==> flow/design.v <==
module mul_unit_rtl #(
   parameter BITS = 9
) (
   input wire CLK,
   input wire ce,
   input wire [BITS-1:0] x,
   input wire [BITS-1:0] y,
   output wire [2*BITS-1:0] p
);
   reg [BITS-1:0] r_x;
   reg [BITS-1:0] r_y;
   always @(posedge CLK) begin
      if (ce) begin
         r_x <= x;
         r_y <= y;
      end
   end
   wire [BITS:0] node [0:BITS];
   wire [BITS-1:0] lo;
   assign node[0] = 0;
   genvar i;
   generate
      for (i = 0; i < BITS; i = i + 1) begin : stage
         add_row #(.N(BITS)) inst (.a(r_x), .sel(r_y[i]), .pin(node[i][BITS:1]), .pout(node[i+1]));
         assign lo[i] = node[i+1][0];
      end
   endgenerate
   reg [2*BITS-1:0] r_p;
   always @(posedge CLK) begin
      if (ce) begin
         r_p <= {node[BITS][BITS:1], lo};
      end
   end
   assign p = r_p;
endmodule
module add_row #(parameter N = 4) (
   input wire [N-1:0] a,
   input wire sel,
   input wire [N-1:0] pin,
   output wire [N:0] pout
);
   assign pout = pin + (a & {N{sel}});
endmodule
### From RTL to reports: mul_unit_rtl

What the tools print for mul_unit_rtl, step after step.
Lines are those of the file above, counted from 1.
Not given: --

* top: mul_unit_rtl
* clock: CLK
* library: sky130hd
* corner: tt_025C_1v80

### Word-level counts

Yosys after proc, flatten, opt, wreduce and memory -nomap, before mapping. Enables and synchronous resets that opt folds into registers are not counted as muxes. Memory bits, and registers merged into a memory's read port (data or address), are not among the register bits. Print and check cells are not counted. Equal cells are merged and count once.

* register bits: 36
* output and inout port bits: 18
* input port bits: 20

* bitwise gates (word level): 9
* add/sub/neg operators: 8

Operators with widths (count)
* AND 9 bit: 9
* adder 9 x 10 -> 10 bit: 7
* adder 8 x 10 -> 10 bit: 1

### Depth

Yosys ltp: most cells in a row. Word level: on the elaborated netlist, between registers, memories and ports. Mapped: between sequential cells and ports; inverters and the memories' decode and read muxes count.

* depth in word-level cells: 9
* ABC_AREA: 0
* depth in mapped cells: 42

### Synthesis result

Source: synth_stat.txt of the flow (Yosys; design flattened, memories mapped). It holds for the ABC_AREA given above (unset counts as 0); a run with the other value may have another netlist.

Cell types
* sky130_fd_sc_hd__edfxtp_1: count 36, total area 1.08E+03 um2
* sky130_fd_sc_hd__ha_1: count 72, total area 900.864 um2
* sky130_fd_sc_hd__and2_1: count 75, total area 469.2 um2
* sky130_fd_sc_hd__xnor2_1: count 41, total area 359.094 um2
* sky130_fd_sc_hd__a21o_1: count 26, total area 195.187 um2
* sky130_fd_sc_hd__a21oi_1: count 35, total area 175.168 um2
* sky130_fd_sc_hd__fa_1: count 8, total area 160.154 um2
* sky130_fd_sc_hd__inv_1: count 32, total area 120.115 um2
* sky130_fd_sc_hd__xor2_1: count 13, total area 113.859 um2
* sky130_fd_sc_hd__o21ai_0: count 21, total area 105.101 um2
* sky130_fd_sc_hd__nor2_1: count 26, total area 97.594 um2
* sky130_fd_sc_hd__nand4_1: count 10, total area 62.56 um2
* sky130_fd_sc_hd__nand2_1: count 14, total area 52.55 um2
* sky130_fd_sc_hd__nor2b_1: count 8, total area 50.048 um2
* sky130_fd_sc_hd__a211oi_1: count 6, total area 45.043 um2
* sky130_fd_sc_hd__o21a_1: count 6, total area 45.043 um2
* sky130_fd_sc_hd__o21bai_1: count 6, total area 45.043 um2
* sky130_fd_sc_hd__a31oi_1: count 7, total area 43.792 um2

Not listed: further types 18, cells in them 34.

* mapped flip-flops: 36
* cell area after synthesis: 0.0043754 mm2
* cells in the netlist: 476

By module: a second synthesis without flattening, with its own total; a netlist apart from the flattened one above.

* cell total of the unflattened synthesis: 496
* area (unflattened synthesis): 0.0047558 mm2

Each row is one instance without its submodules.

Modules
* add_row (N=9): seq. area 0 mm2, cells 51, area 0.0004079 mm2, instances 9
* mul_unit_rtl: seq. area 0.001081 mm2, cells 37, area 0.0010848 mm2, instances 1

### Worst setup path after synthesis

Source: OpenSTA report_checks on the synthesized netlist (no wires, ideal clock, input and output delay 20% of the period each), path of least setup slack; recovery checks are left aside. Register names are those of the netlist, which keeps one name where synthesis merged equal registers.

* kind: register to register
* from: register r_x[1]
* to: register r_p[16]
* slack: 1966 ps
* arrival time: 7611 ps
* delay of the path: 7873 ps
* stages on the path: 42
* library setup time: 262 ps
* period: 9840 ps
* buffers on the path: 0
* time at the first pin: 0 ps
* synthesis period reached: 7874 ps

"delay of the path" is the arrival time less input delay plus setup time.
"stages on the path" counts driving pins, that of a launching flip-flop among them; a cell with two outputs on the path counts twice.
"synthesis period reached" = period - worst setup slack (recovery checks aside). The figure is calculated, with input and output delays left at 20% of the set period.
Between the ends stands the longest chain of elaborated cells between them, by number of cells; it is not shown to be the way that was timed. Of several equally long chains one is given.
A line is the first line of the expression or statement that the cell stems from. Yosys adds cells for indexed reads and writes and turns some case tables into memories.

* cells stage by stage: sky130_fd_sc_hd__edfxtp_1 > sky130_fd_sc_hd__and2_1 > sky130_fd_sc_hd__ha_1 > sky130_fd_sc_hd__fa_1 > sky130_fd_sc_hd__a21o_2 > sky130_fd_sc_hd__a211oi_1 > sky130_fd_sc_hd__nor2_1 > sky130_fd_sc_hd__ha_1 > sky130_fd_sc_hd__a21o_1 > sky130_fd_sc_hd__a21oi_1 > sky130_fd_sc_hd__nand2_1 > sky130_fd_sc_hd__xor2_1 > sky130_fd_sc_hd__ha_1 > sky130_fd_sc_hd__nand3_1 > sky130_fd_sc_hd__o22ai_1 > sky130_fd_sc_hd__nor2_1 > sky130_fd_sc_hd__xnor2_1 > sky130_fd_sc_hd__ha_1 > [6 not listed] > sky130_fd_sc_hd__xor2_1 > sky130_fd_sc_hd__ha_1 > sky130_fd_sc_hd__o21a_1 > sky130_fd_sc_hd__o31a_1 > sky130_fd_sc_hd__o21a_1 > sky130_fd_sc_hd__nor2_1 > sky130_fd_sc_hd__xnor2_1 > sky130_fd_sc_hd__ha_1 > sky130_fd_sc_hd__nor2b_1 > sky130_fd_sc_hd__a41o_1 > sky130_fd_sc_hd__nor2_1 > sky130_fd_sc_hd__xnor2_1 > sky130_fd_sc_hd__ha_1 > sky130_fd_sc_hd__inv_1 > sky130_fd_sc_hd__o22ai_1 > sky130_fd_sc_hd__nor3_1 > sky130_fd_sc_hd__o21bai_1 > sky130_fd_sc_hd__xor2_1
* cells in the longest elaborated chain: 9
* elaborated cells between the ends (all ways): 17
* source lines of those cells: 1
* those cells by class: add/sub (8); logic (9)

RTL lines, path post-synthesis
* from (decl): RTL line 10 `reg [BITS-1:0] r_x;`
* from (assign): RTL line 14 `r_x <= x;`
* AND 9 bit: RTL line 42 `assign pout = pin + (a & {N{sel}});`
* adder 8 x 10 -> 10 bit: RTL line 42
* adder 9 x 10 -> 10 bit (7 in a row): RTL line 42
* to (assign): RTL line 31 `r_p <= {node[BITS][BITS:1], lo};`
* to (decl): RTL line 28 `reg [2*BITS-1:0] r_p;`

### Timing after layout

Path of least setup slack in the final report of flow run A (OpenROAD, finished layout, wires in). Where an end is a register, its clock arrival counts in the times.
The report prints the path's times to 10 ps; the period is as set.

* kind: register to register
* from: register r_x[1]
* to: register r_p[16]
* time at the first pin: 290 ps
* period: 12000 ps
* library setup time: 250 ps
* stages on the path: 42
* slack: 2130 ps
* buffers on the path: 0
* arrival time: 9900 ps

Between the ends stands the longest chain of elaborated cells between them, by number of cells; it is not shown to be the way that was timed. Of several equally long chains one is given.

* cells stage by stage: sky130_fd_sc_hd__edfxtp_1 > sky130_fd_sc_hd__and2_1 > sky130_fd_sc_hd__ha_1 > sky130_fd_sc_hd__fa_1 > sky130_fd_sc_hd__a21o_2 > sky130_fd_sc_hd__a211oi_1 > sky130_fd_sc_hd__nor2_1 > sky130_fd_sc_hd__ha_1 > sky130_fd_sc_hd__a21o_1 > sky130_fd_sc_hd__a21oi_1 > sky130_fd_sc_hd__nand2_1 > sky130_fd_sc_hd__xor2_1 > sky130_fd_sc_hd__ha_1 > sky130_fd_sc_hd__nand3_1 > sky130_fd_sc_hd__o22ai_1 > sky130_fd_sc_hd__nor2_1 > sky130_fd_sc_hd__xnor2_1 > sky130_fd_sc_hd__ha_1 > [6 not listed] > sky130_fd_sc_hd__xor2_1 > sky130_fd_sc_hd__ha_1 > sky130_fd_sc_hd__nand3_1 > sky130_fd_sc_hd__o22ai_1 > sky130_fd_sc_hd__nor2_1 > sky130_fd_sc_hd__xnor2_1 > sky130_fd_sc_hd__ha_1 > sky130_fd_sc_hd__a21oi_1 > sky130_fd_sc_hd__nor2b_1 > sky130_fd_sc_hd__a41o_1 > sky130_fd_sc_hd__nor2_1 > sky130_fd_sc_hd__xnor2_1 > sky130_fd_sc_hd__ha_1 > sky130_fd_sc_hd__inv_1 > sky130_fd_sc_hd__o22ai_1 > sky130_fd_sc_hd__nor3_1 > sky130_fd_sc_hd__o21bai_1 > sky130_fd_sc_hd__xor2_1
* cells in the longest elaborated chain: 9
* elaborated cells between the ends (all ways): 17
* source lines of those cells: 1
* those cells by class: add/sub (8); logic (9)

RTL lines, path after layout
* from (decl): RTL line 10 `reg [BITS-1:0] r_x;`
* from (assign): RTL line 14 `r_x <= x;`
* AND 9 bit: RTL line 42 `assign pout = pin + (a & {N{sel}});`
* adder 8 x 10 -> 10 bit: RTL line 42
* adder 9 x 10 -> 10 bit (7 in a row): RTL line 42
* to (assign): RTL line 31 `r_p <= {node[BITS][BITS:1], lo};`
* to (decl): RTL line 28 `reg [2*BITS-1:0] r_p;`

Subject: flow runs of mul_unit_rtl

Hi,

Measured results for mul_unit_rtl: 3 stored runs of the Yosys and OpenROAD flow on sky130hd. The settings differ; the order carries no meaning. The constraints put input and output delay at 20% of the set period each and load the outputs with 0.01 pF.
By "clock period achieved" is meant the clock period of the run minus its worst setup slack. This is arithmetic on one report: input and output delays are still those of the set period (20% each).
"worst setup path time" = time allowed to the worst setup path (clock period - input delay - output delay, where it has them) - its slack; a late launch clock adds to it, a late capture clock takes from it.
"worst setup path time" is given in steps of 10 ps.

### Flow run A

==> flow/run.sh <==
#!/bin/bash
# the make line also repeats the synthesis and layout settings of config.mk as NAME=value (left out here)
make -C /OpenROAD-flow-scripts/flow DESIGN_CONFIG=/design/flow/config.mk WORK_HOME=/design/flow/orfs CLKGATE_MAP_FILE= finish
==> flow/config.mk <==
export PLATFORM = sky130hd
export DESIGN_NAME = mul_unit_rtl
export DESIGN_NICKNAME = mul_unit_rtl
export VERILOG_FILES = /design/flow/design.v
export SDC_FILE = /design/flow/constraint.sdc
export NUM_CORES = 4
export LEC_CHECK = 0
export CAP_MARGIN = 20
export CELL_PAD_IN_SITES_DETAIL_PLACEMENT = 2
export CORE_MARGIN = 2
export CORE_UTILIZATION = 37
export CTS_CLUSTER_DIAMETER = 108
export CTS_CLUSTER_SIZE = 71
export GPL_ROUTABILITY_DRIVEN = 0
export GPL_TIMING_DRIVEN = 1
export HOLD_SLACK_MARGIN = 0.04
export PLACE_DENSITY_LB_ADDON = 0.27
export SETUP_SLACK_MARGIN = -0.21
export SLEW_MARGIN = 20
export TNS_END_PERCENT = 95
==> flow/constraint.sdc <==
create_clock -name core_clock -period 12.0 [get_ports {CLK}]
set_input_delay 2.4000 -clock core_clock [delete_from_list [all_inputs] [get_ports {CLK}]]
set_output_delay 2.4000 -clock core_clock [all_outputs]
set_load 0.01 [all_outputs]

Results of flow run A:
- Area of the die: 0.0127114 mm2
- Worst hold slack in the final report: 772 ps
- Setup slack of the worst path: 2,129 ps
- Area of the synthesized netlist: 0.0043754 mm2
- Clock period achieved: 9,871 ps
- Total negative slack: 0 ps
- Worst setup path time: 9,870 ps
- Critical path kind: register to register
- Utilization of the finished layout: 0.444

### Flow run B

==> flow/run.sh <==
#!/bin/bash
# the make line also repeats the synthesis and layout settings of config.mk as NAME=value (left out here)
make -C /OpenROAD-flow-scripts/flow DESIGN_CONFIG=/design/flow/config.mk WORK_HOME=/design/flow/orfs CLKGATE_MAP_FILE= finish
==> flow/config.mk <==
export PLATFORM = sky130hd
export DESIGN_NAME = mul_unit_rtl
export DESIGN_NICKNAME = mul_unit_rtl
export VERILOG_FILES = /design/flow/design.v
export SDC_FILE = /design/flow/constraint.sdc
export NUM_CORES = 4
export LEC_CHECK = 0
export CAP_MARGIN = 20
export CELL_PAD_IN_SITES_DETAIL_PLACEMENT = 2
export CORE_MARGIN = 4
export CORE_UTILIZATION = 39
export CTS_CLUSTER_DIAMETER = 76
export GPL_ROUTABILITY_DRIVEN = 1
export GPL_TIMING_DRIVEN = 0
export MIN_ROUTING_LAYER = met1
export PLACE_DENSITY_LB_ADDON = 0.24
export SETUP_SLACK_MARGIN = 0.08
export SLEW_MARGIN = 35
==> flow/constraint.sdc <==
create_clock -name core_clock -period 8.68 [get_ports {CLK}]
set_input_delay 1.7360 -clock core_clock [delete_from_list [all_inputs] [get_ports {CLK}]]
set_output_delay 1.7360 -clock core_clock [all_outputs]
set_load 0.01 [all_outputs]

Outcome of flow run B: incomplete, routing halted on DPL-0033

### Flow run C

==> flow/run.sh <==
#!/bin/bash
# the make line also repeats the synthesis and layout settings of config.mk as NAME=value (left out here)
make -C /OpenROAD-flow-scripts/flow DESIGN_CONFIG=/design/flow/config.mk WORK_HOME=/design/flow/orfs CLKGATE_MAP_FILE= finish
==> flow/config.mk <==
export PLATFORM = sky130hd
export DESIGN_NAME = mul_unit_rtl
export DESIGN_NICKNAME = mul_unit_rtl
export VERILOG_FILES = /design/flow/design.v
export SDC_FILE = /design/flow/constraint.sdc
export NUM_CORES = 4
export LEC_CHECK = 0
export CAP_MARGIN = 20
export CORE_MARGIN = 2
export CORE_UTILIZATION = 40
export SLEW_MARGIN = 20
==> flow/constraint.sdc <==
create_clock -name core_clock -period 9.84 [get_ports {CLK}]
set_input_delay 1.9680 -clock core_clock [delete_from_list [all_inputs] [get_ports {CLK}]]
set_output_delay 1.9680 -clock core_clock [all_outputs]
set_load 0.01 [all_outputs]

Results of flow run C:
- Total negative slack: 0 ps
- Worst hold slack in the final report: 714 ps
- Clock period achieved: 8,792 ps
- Setup slack of the worst path: 1,048 ps
- Worst setup path time: 8,790 ps
- Critical path kind: register to register
- Area of the synthesized netlist: 0.0043754 mm2
- Utilization of the finished layout: 0.466
- Area of the die: 0.0117907 mm2

Regards
